==> flow/design.v <==
module plus_mod #(
    parameter int DW = 72
) (
    input logic core_clk,
    input logic resetn,
    input logic [DW-1:0] i_arg0,
    input logic [DW-1:0] i_arg1,
    input logic i_c0,
    output logic [DW-1:0] o_s,
    output logic o_carry_out
);
    logic [DW-1:0] work;
    logic [DW:0] cy;
    assign cy[0] = i_c0;
    for (genvar i = 0; i < DW; i++) begin : lane
        plus_mod_fadd u0 (.a(i_arg0[i]), .b(i_arg1[i]), .ci(cy[i]), .s(work[i]), .co(cy[i+1]));
    end
    always_ff @(posedge core_clk or negedge resetn) begin
        if (~resetn) begin
            o_s <= '0;
        end else begin
            o_s <= work;
        end
    end
    always_ff @(posedge core_clk or negedge resetn) begin
        if (~resetn) begin
            o_carry_out <= 1'b0;
        end else begin
            o_carry_out <= cy[DW];
        end
    end
endmodule
module plus_mod_fadd (
    input logic a,
    input logic b,
    input logic ci,
    output logic s,
    output logic co
);
    assign s = a ^ b ^ ci;
    assign co = (a & b) | (ci & (a ^ b));
endmodule
======== Tool chain data of plus_mod ========
What the tools print for plus_mod, step after step.
Line numbers count from 1 in the design file above.
Operators carry their Yosys type and port widths (W data, S select, Z words).
A cell with n/a has no value.
design
  top ..................................... plus_mod
  clock port .............................. core_clk
  library ................................. sky130hd
  timing corner ........................... tt_025C_1v80

======== Word level ========
Counts by Yosys on the flattened word-level netlist (proc, flatten, opt, wreduce; memories kept). Register bits leave out memories and registers merged into their read ports (data or address); mux counts leave out enables and synchronous resets folded into registers. Print and check cells are left out. Cells with the same type and inputs are merged into one.
bit counts
  register bits after elaboration ......... 73
  bits of input ports ..................... 147
  output and inout bits ................... 73
  cells after elaboration ................. 362
operators by class
  bitwise logic cells ..................... 360
operator list
  kind           count
  $and A1 B1 Y1  144
  $xor A1 B1 Y1  144
  $or A1 B1 Y1   72

======== Longest topological paths ========
Yosys ltp: most cells in a row. Word level: on the elaborated netlist, between registers, memories and ports. Mapped: between sequential cells and ports; inverters and the memories' decode and read muxes count.
logic depth
  word-level depth ........................ 145
  ABC_AREA ................................ 0
  mapped depth ............................ 76
  mapped depth without buffers ............ 76

======== Mapped cells and area ========
Source: synth_stat.txt of the flow (Yosys; design flattened, memories mapped). It holds for the ABC_AREA given above (unset counts as 0); a run with the other value may have another netlist.
cell types
  cell                      count  total area (um2)
  sky130_fd_sc_hd__dfrtp_1  73     1.83E+03
  sky130_fd_sc_hd__fa_1     72     1.44E+03
  sky130_fd_sc_hd__inv_1    10     37.536
mapped netlist
  mapped cells ............................ 155
  chip area (Yosys) ....................... 3,305.7 um2
  sequential area ......................... 1,826.8 um2
  flip-flop cells ......................... 73
  buffers ................................. 0
The figures by module come from a second, unflattened synthesis with its own total; it is not the netlist above.
second synthesis, totals
  cells (unflattened synthesis) ........... 145
  area total of the unflattened synthesis .. 3,268.1 um2
Each row is one instance without its submodules.
modules
  module         instances  cells  area (um2)  seq. area (um2)
  plus_mod       1          73     1,826.8     1,826.8
  plus_mod_fadd  72         1      20.0        0.0

======== Timing after synthesis ========
Source: OpenSTA report_checks on the synthesized netlist (no wires, ideal clock, input and output delay 20% of the period each), path of least setup slack; recovery checks are left aside. Register names are those of the netlist, which keeps one name where synthesis merged equal registers.
timing post-synthesis
  path kind ............................... input to register
  from .................................... input i_arg0[0]
  to ...................................... register o_s[71]
  period .................................. 42.8 ns
  input delay ............................. 8.560 ns
  setup time .............................. 0.064 ns
  launch time at the first pin ............ 8.560 ns
  arrival time ............................ 35.888 ns
  data required time ...................... 42.736 ns
  setup slack ............................. 6.848 ns
  path delay .............................. 27.392 ns
  stages on the path ...................... 76
  buffers on the path ..................... 0
  synthesis period reached ................ 35.952 ns
"path delay" is the arrival time less input delay plus setup time.
"stages on the path" counts driving pins, that of a launching flip-flop among them; a cell with two outputs on the path counts twice.
"synthesis period reached" = period - worst setup slack (recovery checks aside). The figure is calculated, with input and output delays left at 20% of the set period.
The rows between start and end are the longest chain of elaborated cells between them; the timing report does not say that the signal goes this way. Where chains are equally long, one stands for them.
Each line given opens the expression or statement behind the cell; cells for indexed reads and writes are added by Yosys, which also makes memories of some case tables.
between the ends, post-synthesis
  cells stage by stage .................... sky130_fd_sc_hd__fa_1 -> sky130_fd_sc_hd__fa_1 -> sky130_fd_sc_hd__fa_1 -> sky130_fd_sc_hd__fa_1 -> sky130_fd_sc_hd__fa_1 -> sky130_fd_sc_hd__fa_1 -> sky130_fd_sc_hd__fa_1 -> sky130_fd_sc_hd__fa_1 -> sky130_fd_sc_hd__fa_1 -> sky130_fd_sc_hd__inv_1 -> sky130_fd_sc_hd__fa_1 -> sky130_fd_sc_hd__inv_1 -> sky130_fd_sc_hd__fa_1 -> sky130_fd_sc_hd__fa_1 -> sky130_fd_sc_hd__fa_1 -> sky130_fd_sc_hd__fa_1 -> sky130_fd_sc_hd__fa_1 -> sky130_fd_sc_hd__fa_1 -> [... 40 more ...] -> sky130_fd_sc_hd__fa_1 -> sky130_fd_sc_hd__fa_1 -> sky130_fd_sc_hd__fa_1 -> sky130_fd_sc_hd__fa_1 -> sky130_fd_sc_hd__fa_1 -> sky130_fd_sc_hd__fa_1 -> sky130_fd_sc_hd__fa_1 -> sky130_fd_sc_hd__fa_1 -> sky130_fd_sc_hd__fa_1 -> sky130_fd_sc_hd__fa_1 -> sky130_fd_sc_hd__fa_1 -> sky130_fd_sc_hd__fa_1 -> sky130_fd_sc_hd__fa_1 -> sky130_fd_sc_hd__fa_1 -> sky130_fd_sc_hd__fa_1 -> sky130_fd_sc_hd__inv_1 -> sky130_fd_sc_hd__fa_1 -> sky130_fd_sc_hd__inv_1
  length of the longest elaborated chain .. 144
  elaborated cells between the ends (all ways) .. 145
  classes of those cells .................. logic (145)
RTL lines, path post-synthesis
  element             RTL line  text
  start, declared     6         input logic [DW-1:0] i_arg0,
  $xor A1 B1 Y1       41        assign co = (a & b) | (ci & (a ^ b));
  $and A1 B1 Y1       41
  $or A1 B1 Y1        41
  $and A1 B1 Y1       41
  $or A1 B1 Y1        41
  $and A1 B1 Y1       41
  $or A1 B1 Y1        41
  [... 130 more ...]  n/a
  $and A1 B1 Y1       41
  $or A1 B1 Y1        41
  $and A1 B1 Y1       41
  $or A1 B1 Y1        41
  $and A1 B1 Y1       41
  $or A1 B1 Y1        41
  $xor A1 B1 Y1       40        assign s = a ^ b ^ ci;
  end, assigned       20        o_s <= '0;
  end, assigned       22        o_s <= work;
  end, declared       9         output logic [DW-1:0] o_s,

======== Timing after layout ========
From the final timing report of job 1: the path of least setup slack in the routed layout; clock arrival at registers is part of the times.
timing after layout
  path kind ............................... input to register
  from .................................... input i_arg0[0]
  to ...................................... register o_s[71]
  period .................................. 42.8 ns
  input delay ............................. 8.56 ns
  setup time .............................. 0.05 ns
  launch time at the first pin ............ 8.56 ns
  arrival time ............................ 37.39 ns
  data required time ...................... 43.08 ns
  setup slack ............................. 5.69 ns
  stages on the path ...................... 77
  buffers on the path ..................... 1
The rows between start and end are the longest chain of elaborated cells between them; the timing report does not say that the signal goes this way. Where chains are equally long, one stands for them.
between the ends, after layout
  cells stage by stage .................... sky130_fd_sc_hd__clkdlybuf4s50_1 -> sky130_fd_sc_hd__fa_1 -> sky130_fd_sc_hd__fa_1 -> sky130_fd_sc_hd__fa_1 -> sky130_fd_sc_hd__fa_1 -> sky130_fd_sc_hd__fa_1 -> sky130_fd_sc_hd__fa_1 -> sky130_fd_sc_hd__fa_1 -> sky130_fd_sc_hd__fa_1 -> sky130_fd_sc_hd__fa_1 -> sky130_fd_sc_hd__inv_1 -> sky130_fd_sc_hd__fa_1 -> sky130_fd_sc_hd__inv_1 -> sky130_fd_sc_hd__fa_1 -> sky130_fd_sc_hd__fa_1 -> sky130_fd_sc_hd__fa_1 -> sky130_fd_sc_hd__fa_1 -> sky130_fd_sc_hd__fa_1 -> [... 41 more ...] -> sky130_fd_sc_hd__fa_1 -> sky130_fd_sc_hd__fa_1 -> sky130_fd_sc_hd__fa_1 -> sky130_fd_sc_hd__fa_1 -> sky130_fd_sc_hd__fa_1 -> sky130_fd_sc_hd__fa_1 -> sky130_fd_sc_hd__fa_1 -> sky130_fd_sc_hd__fa_1 -> sky130_fd_sc_hd__fa_1 -> sky130_fd_sc_hd__fa_1 -> sky130_fd_sc_hd__fa_1 -> sky130_fd_sc_hd__fa_1 -> sky130_fd_sc_hd__fa_1 -> sky130_fd_sc_hd__fa_1 -> sky130_fd_sc_hd__fa_1 -> sky130_fd_sc_hd__inv_1 -> sky130_fd_sc_hd__fa_1 -> sky130_fd_sc_hd__inv_1
  length of the longest elaborated chain .. 144
  elaborated cells between the ends (all ways) .. 145
  classes of those cells .................. logic (145)
RTL lines, path after layout
  element             RTL line  text
  start, declared     6         input logic [DW-1:0] i_arg0,
  $xor A1 B1 Y1       41        assign co = (a & b) | (ci & (a ^ b));
  $and A1 B1 Y1       41
  $or A1 B1 Y1        41
  $and A1 B1 Y1       41
  $or A1 B1 Y1        41
  $and A1 B1 Y1       41
  $or A1 B1 Y1        41
  [... 130 more ...]  n/a
  $and A1 B1 Y1       41
  $or A1 B1 Y1        41
  $and A1 B1 Y1       41
  $or A1 B1 Y1        41
  $and A1 B1 Y1       41
  $or A1 B1 Y1        41
  $xor A1 B1 Y1       40        assign s = a ^ b ^ ci;
  end, assigned       20        o_s <= '0;
  end, assigned       22        o_s <= work;
  end, declared       9         output logic [DW-1:0] o_s,

Wiki page: plus_mod / flow data

Design plus_mod on sky130hd. What follows are 3 stored runs of the flow, each under its own settings; their order means nothing. The constraints put input and output delay at 20% of the set period each and load the outputs with 0.01 pF.
"clock period reached": clock period set for the run, less the worst setup slack. It is reckoned from that one timing run; input and output delays stay at 20% of the period that was set.
"power consumption" is the tool's figure for a default switching activity; nothing was simulated.

======== job 1 ========
==> flow/run.sh <==
#!/bin/bash
# the make line also repeats the synthesis and layout settings of config.mk as NAME=value (left out here)
make -C /OpenROAD-flow-scripts/flow DESIGN_CONFIG=/design/flow/config.mk WORK_HOME=/design/flow/orfs CLKGATE_MAP_FILE= finish
==> flow/config.mk <==
export PLATFORM = sky130hd
export DESIGN_NAME = plus_mod
export DESIGN_NICKNAME = plus_mod
export VERILOG_FILES = /design/flow/design.v
export SDC_FILE = /design/flow/constraint.sdc
export NUM_CORES = 4
export LEC_CHECK = 0
export CAP_MARGIN = 20
export CORE_MARGIN = 2
export CORE_UTILIZATION = 40
export SLEW_MARGIN = 20
==> flow/constraint.sdc <==
create_clock -name core_clock -period 42.8 [get_ports {core_clk}]
set_input_delay 8.5600 -clock core_clock [delete_from_list [all_inputs] [get_ports {core_clk}]]
set_output_delay 8.5600 -clock core_clock [all_outputs]
set_load 0.01 [all_outputs]

-------- measured, job 1 --------
  clock period reached .................... 37.112 ns
  chip area in the Yosys report ........... 3,305.7 um2
  full die area ........................... 9,007.0 um2
  utilization in the final report ......... 72.7 %
  power consumption ....................... 221.7 µW
  total negative slack .................... 0.000 ns
  worst setup slack after layout .......... 5.688 ns

======== job 2 ========
==> flow/run.sh <==
#!/bin/bash
# the make line also repeats the synthesis and layout settings of config.mk as NAME=value (left out here)
make -C /OpenROAD-flow-scripts/flow DESIGN_CONFIG=/design/flow/config.mk WORK_HOME=/design/flow/orfs CLKGATE_MAP_FILE= finish
==> flow/config.mk <==
export PLATFORM = sky130hd
export DESIGN_NAME = plus_mod
export DESIGN_NICKNAME = plus_mod
export VERILOG_FILES = /design/flow/design.v
export SDC_FILE = /design/flow/constraint.sdc
export NUM_CORES = 4
export LEC_CHECK = 0
export CAP_MARGIN = 5
export CELL_PAD_IN_SITES_DETAIL_PLACEMENT = 0
export CELL_PAD_IN_SITES_GLOBAL_PLACEMENT = 2
export CORE_MARGIN = 2
export CORE_UTILIZATION = 36
export CTS_CLUSTER_DIAMETER = 218
export CTS_CLUSTER_SIZE = 35
export GPL_TIMING_DRIVEN = 1
export MAX_ROUTING_LAYER = met5
export PLACE_DENSITY = 0.61
export SLEW_MARGIN = 20
==> flow/constraint.sdc <==
create_clock -name core_clock -period 39.5 [get_ports {core_clk}]
set_input_delay 7.9000 -clock core_clock [delete_from_list [all_inputs] [get_ports {core_clk}]]
set_output_delay 7.9000 -clock core_clock [all_outputs]
set_load 0.01 [all_outputs]

-------- measured, job 2 --------
  clock period reached .................... 36.297 ns
  chip area in the Yosys report ........... 3,305.7 um2
  full die area ........................... 9,965.0 um2
  utilization in the final report ......... 66.0 %
  power consumption ....................... 219.7 µW
  total negative slack .................... 0.000 ns
  worst setup slack after layout .......... 3.203 ns

======== job 3 ========
==> flow/run.sh <==
#!/bin/bash
# the make line also repeats the synthesis and layout settings of config.mk as NAME=value (left out here)
make -C /OpenROAD-flow-scripts/flow DESIGN_CONFIG=/design/flow/config.mk WORK_HOME=/design/flow/orfs CLKGATE_MAP_FILE= finish
==> flow/config.mk <==
export PLATFORM = sky130hd
export DESIGN_NAME = plus_mod
export DESIGN_NICKNAME = plus_mod
export VERILOG_FILES = /design/flow/design.v
export SDC_FILE = /design/flow/constraint.sdc
export NUM_CORES = 4
export LEC_CHECK = 0
export CAP_MARGIN = 0
export CORE_ASPECT_RATIO = 1.89
export CORE_MARGIN = 2
export CORE_UTILIZATION = 63
export GPL_ROUTABILITY_DRIVEN = 1
export GPL_TIMING_DRIVEN = 0
export MIN_ROUTING_LAYER = met1
export PLACE_DENSITY = 0.78
export SETUP_SLACK_MARGIN = 0.88
export SLEW_MARGIN = 5
==> flow/constraint.sdc <==
create_clock -name core_clock -period 42.6 [get_ports {core_clk}]
set_input_delay 8.5200 -clock core_clock [delete_from_list [all_inputs] [get_ports {core_clk}]]
set_output_delay 8.5200 -clock core_clock [all_outputs]
set_load 0.01 [all_outputs]

-------- job 3 --------
  not finished: placement ended with error GPL-0301
